==> flow/design.v <==
module gen_adder_rtl #(
  parameter int NBITS = 12,
  parameter int N = 4,
  parameter int RES_W = NBITS + $clog2(N)
) (
  input  logic clock,
  input  logic aresetn,
  input  logic [N*NBITS-1:0] src_i,
  output logic [RES_W-1:0] s_o
);
  logic [N*NBITS-1:0] src_s;
  always_ff @(posedge clock or negedge aresetn) begin
    if (!aresetn) begin
      src_s <= 0;
    end else begin
      src_s <= src_i;
    end
  end
  logic [RES_W-1:0] r;
  always_comb begin
    r = 0;
    for (int i = 0; i < N; i++)
      r = r + src_s[i*NBITS +: NBITS];
  end
  assign s_o = r;
endmodule
# Tool chain data of gen_adder_rtl
# What the tools print for gen_adder_rtl, step after step.
# Line numbers count from 1 in the design file above.
# Cell names lack the library's common part.
# A cell with -- has no value.
[inputs]
design = "gen_adder_rtl"
clk_port = "clock"
lib = "sky130hd"
corner = "tt_025C_1v80"

# Word-level counts
# Source: Yosys, flattened and elaborated, memories not mapped. Widths are those after wreduce; folded enables and synchronous resets count as part of the registers. Registers that Yosys merges into a memory's read port (data or address) are not register bits. Print and check cells do not count. Equal cells are merged and count once.
[bits]
regBits = 48
input_bits = 50
output_inout_bits = 14
wordCells = 4
[classes]
addsub = 3
[op_table]
columns = ["cell", "n"]
rows = [
  ["13-bit by 12-bit adder with 14-bit output", 1],
  ["14-bit by 12-bit adder with 14-bit output", 1],
  ["12-bit by 12-bit adder with 13-bit output", 1],
]

# Logic depth
# Depth = most cells in a row (Yosys ltp): at word level without a register or memory, in the mapped netlist without a sequential cell, where the memories' decode and read muxes count.
[depth]
word_depth = 3
abc_area = 0
depth_mapped = 10
depth_no_buf = 10

# Netlist
# Source: synth_stat.txt of the flow (Yosys; design flattened, memories mapped). It holds for the ABC_AREA given above (unset counts as 0); a run with the other value may have another netlist.
[mapped]
cells = 220
yosys_area_um2 = 2543.7
seqArea_um2 = 1201.2
ffs = 48
buf_cells = 2
[by_type]
columns = ["type", "n", "area_total_um2"]
rows = [
  ["dfrtp_1", 48, 1.2E+03],
  ["fa_1", 24, 480.461],
  ["inv_1", 67, 251.491],
  ["ha_1", 13, 162.656],
  ["a21o_1", 6, 45.043],
  ["xnor2_1", 5, 43.792],
  ["a21oi_1", 8, 40.038],
  ["nand2b_1", 4, 25.024],
  ["nand3_1", 5, 25.024],
  ["or4_1", 3, 22.522],
  ["a2111oi_0", 2, 17.517],
  ["a31o_1", 2, 17.517],
  ["xor2_1", 2, 17.517],
  ["nor2_1", 4, 15.014],
  ["o211ai_1", 2, 15.014],
  ["o21ai_0", 3, 15.014],
  ["a2111o_1", 1, 11.261],
  ["nand2_1", 3, 11.261],
]
# Other cell types: 17; their cells: 18.

# Path before layout
# Path of least setup slack by OpenSTA after synthesis, without wires, with an ideal clock, recovery checks aside; 20% of the period is set as input and as output delay. Where synthesis merged equal registers, the netlist keeps one of their names.
[synth_path]
path_type = "register to output"
from = "register src_s[1]"
to = "output s_o[13]"
period_ps = 4460
output_delay_ps = 892
launch_ps = 0
t_arrival_ps = 2852
path_slack_ps = 716
delay_ps = 2852
path_stages = 11
synth_period_reached_ps = 3744
# "delay_ps" is the arrival time less input delay plus setup time.
# At an output port there is no setup time.
# "path_stages" counts driving pins, that of a launching flip-flop among them; a cell with two outputs on the path counts twice.
# "synth_period_reached_ps" is the clock period less the worst setup slack; recovery checks do not enter. This is arithmetic on one report: input and output delays are still those of the set period (20% each).
# The rows between start and end are the longest chain of elaborated cells between them; the timing report does not say that the signal goes this way. Where chains are equally long, one stands for them.
# Each line given opens the expression or statement behind the cell; cells for indexed reads and writes are added by Yosys, which also makes memories of some case tables.
[synth_between]
cell_sequence = "dfrtp_1 > inv_1 > fa_1 > inv_1 > fa_1 > ha_1 > fa_1 > a211oi_1 > o21ai_0 > a31o_1 > a31o_1"
elab_chain_len = 3
cone_cells = 3
lines_between = 1
cone_classes = "add/sub: 3"
[synth_lines]
columns = ["item", "line_no", "rtl"]
rows = [
  ["start: declaration", 11, "logic [N*NBITS-1:0] src_s;"],
  ["start: assignment", 14, "src_s <= 0;"],
  ["start: assignment", 16, "src_s <= src_i;"],
  ["12-bit by 12-bit adder with 13-bit output", 23, "r = r + src_s[i*NBITS +: NBITS];"],
  ["13-bit by 12-bit adder with 14-bit output", 23, ""],
  ["14-bit by 12-bit adder with 14-bit output", 23, ""],
  ["end: declaration", 9, "output logic [RES_W-1:0] s_o"],
]

# Worst path after layout
# From the final timing report of record 1: the path of least setup slack in the routed layout; clock arrival at registers is part of the times.
# The path's times are printed in steps of 10 ps; the period is the one set.
[layout_path]
path_type = "register to output"
from = "register src_s[1]"
to = "output s_o[13]"
period_ps = 4460
output_delay_ps = 890
launch_ps = 300
t_arrival_ps = 3370
path_slack_ps = 200
path_stages = 12
# The rows between start and end are the longest chain of elaborated cells between them; the timing report does not say that the signal goes this way. Where chains are equally long, one stands for them.
[layout_between]
cell_sequence = "dfrtp_1 > inv_1 > fa_1 > inv_1 > fa_1 > ha_1 > fa_2 > a211oi_2 > o21ai_1 > a31o_1 > a31o_1 > dlygate4sd2_1"
elab_chain_len = 3
cone_cells = 3
lines_between = 1
cone_classes = "add/sub: 3"
[layout_lines]
columns = ["item", "line_no", "rtl"]
rows = [
  ["start: declaration", 11, "logic [N*NBITS-1:0] src_s;"],
  ["start: assignment", 14, "src_s <= 0;"],
  ["start: assignment", 16, "src_s <= src_i;"],
  ["12-bit by 12-bit adder with 13-bit output", 23, "r = r + src_s[i*NBITS +: NBITS];"],
  ["13-bit by 12-bit adder with 14-bit output", 23, ""],
  ["14-bit by 12-bit adder with 14-bit output", 23, ""],
  ["end: declaration", 9, "output logic [RES_W-1:0] s_o"],
]

# Flow measurements of gen_adder_rtl on sky130hd: 3 stored runs with different settings, listed in no order. Input and output delays are each 20% of the period that was set; the output load is 0.01 pF.
# By "timing.achieved_period_ps" is meant the clock period of the run minus its worst setup slack. This is arithmetic on one report: input and output delays are still those of the set period (20% each).
# "worstPathTime_ps" is the time allowed to the run's worst setup path (the clock period less input and output delay, where it has them) less its slack. Clock arrival times count: a late capture clock shortens it, a late launch clock lengthens it.
# By "power.total_mw" is meant OpenSTA's value without simulated activity: inputs other than the clock are taken to toggle once in ten clock periods, and the tool carries that through the logic.
# "worstPathTime_ps" is known to 10 ps.

[[run]]
name = "record 1"
[run.settings]
period_ns = 4.46
CAP_MARGIN = 20
CORE_MARGIN = 2
CORE_UTILIZATION = 40
SLEW_MARGIN = 20
[run.results]
final_stdcell_area_um2 = 3425.8
design.die.area_um2 = 7013.2
worstPathTime_ps = 3370
timing.worst_path_kind = "register to output"
power.total_mw = 1.494
timing.achieved_period_ps = 4264
setup_tns_ps = 0
setup_ws_ps = 196
layout_utilization_pct = 54.9
yosys_chip_area_um2 = 2543.7

[[run]]
name = "record 2"
[run.settings]
period_ns = 4.49
CORE_UTILIZATION = 31
SETUP_SLACK_MARGIN = 0.8
PLACE_DENSITY_LB_ADDON = 0.16
HOLD_SLACK_MARGIN = -0.05
CORE_ASPECT_RATIO = 1.0
CORE_MARGIN = 4
CELL_PAD_IN_SITES_DETAIL_PLACEMENT = 0
TNS_END_PERCENT = 100
CAP_MARGIN = 40
MIN_ROUTING_LAYER = "met1"
SLEW_MARGIN = 20
[run.results]
final_stdcell_area_um2 = 3753.6
design.die.area_um2 = 9719.0
worstPathTime_ps = 3180
timing.worst_path_kind = "register to output"
power.total_mw = 1.653
timing.achieved_period_ps = 4082
setup_tns_ps = 0
setup_ws_ps = 408
layout_utilization_pct = 47.8
yosys_chip_area_um2 = 2543.7

[[run]]
name = "record 3"
[run.settings]
period_ns = 3.14
CORE_UTILIZATION = 19
SETUP_SLACK_MARGIN = 0.34
PLACE_DENSITY_LB_ADDON = 0.15
CORE_MARGIN = 2
CELL_PAD_IN_SITES_GLOBAL_PLACEMENT = 0
ABC_AREA = 1
GPL_ROUTABILITY_DRIVEN = 0
CTS_CLUSTER_SIZE = 49
CAP_MARGIN = 5
SLEW_MARGIN = 20
[run.results]
final_stdcell_area_um2 = 3952.5
design.die.area_um2 = 14479.3
worstPathTime_ps = 2900
timing.worst_path_kind = "register to output"
power.total_mw = 2.541
timing.achieved_period_ps = 3532
setup_tns_ps = -3400
setup_ws_ps = -392
layout_utilization_pct = 29.8
yosys_chip_area_um2 = 2571.2
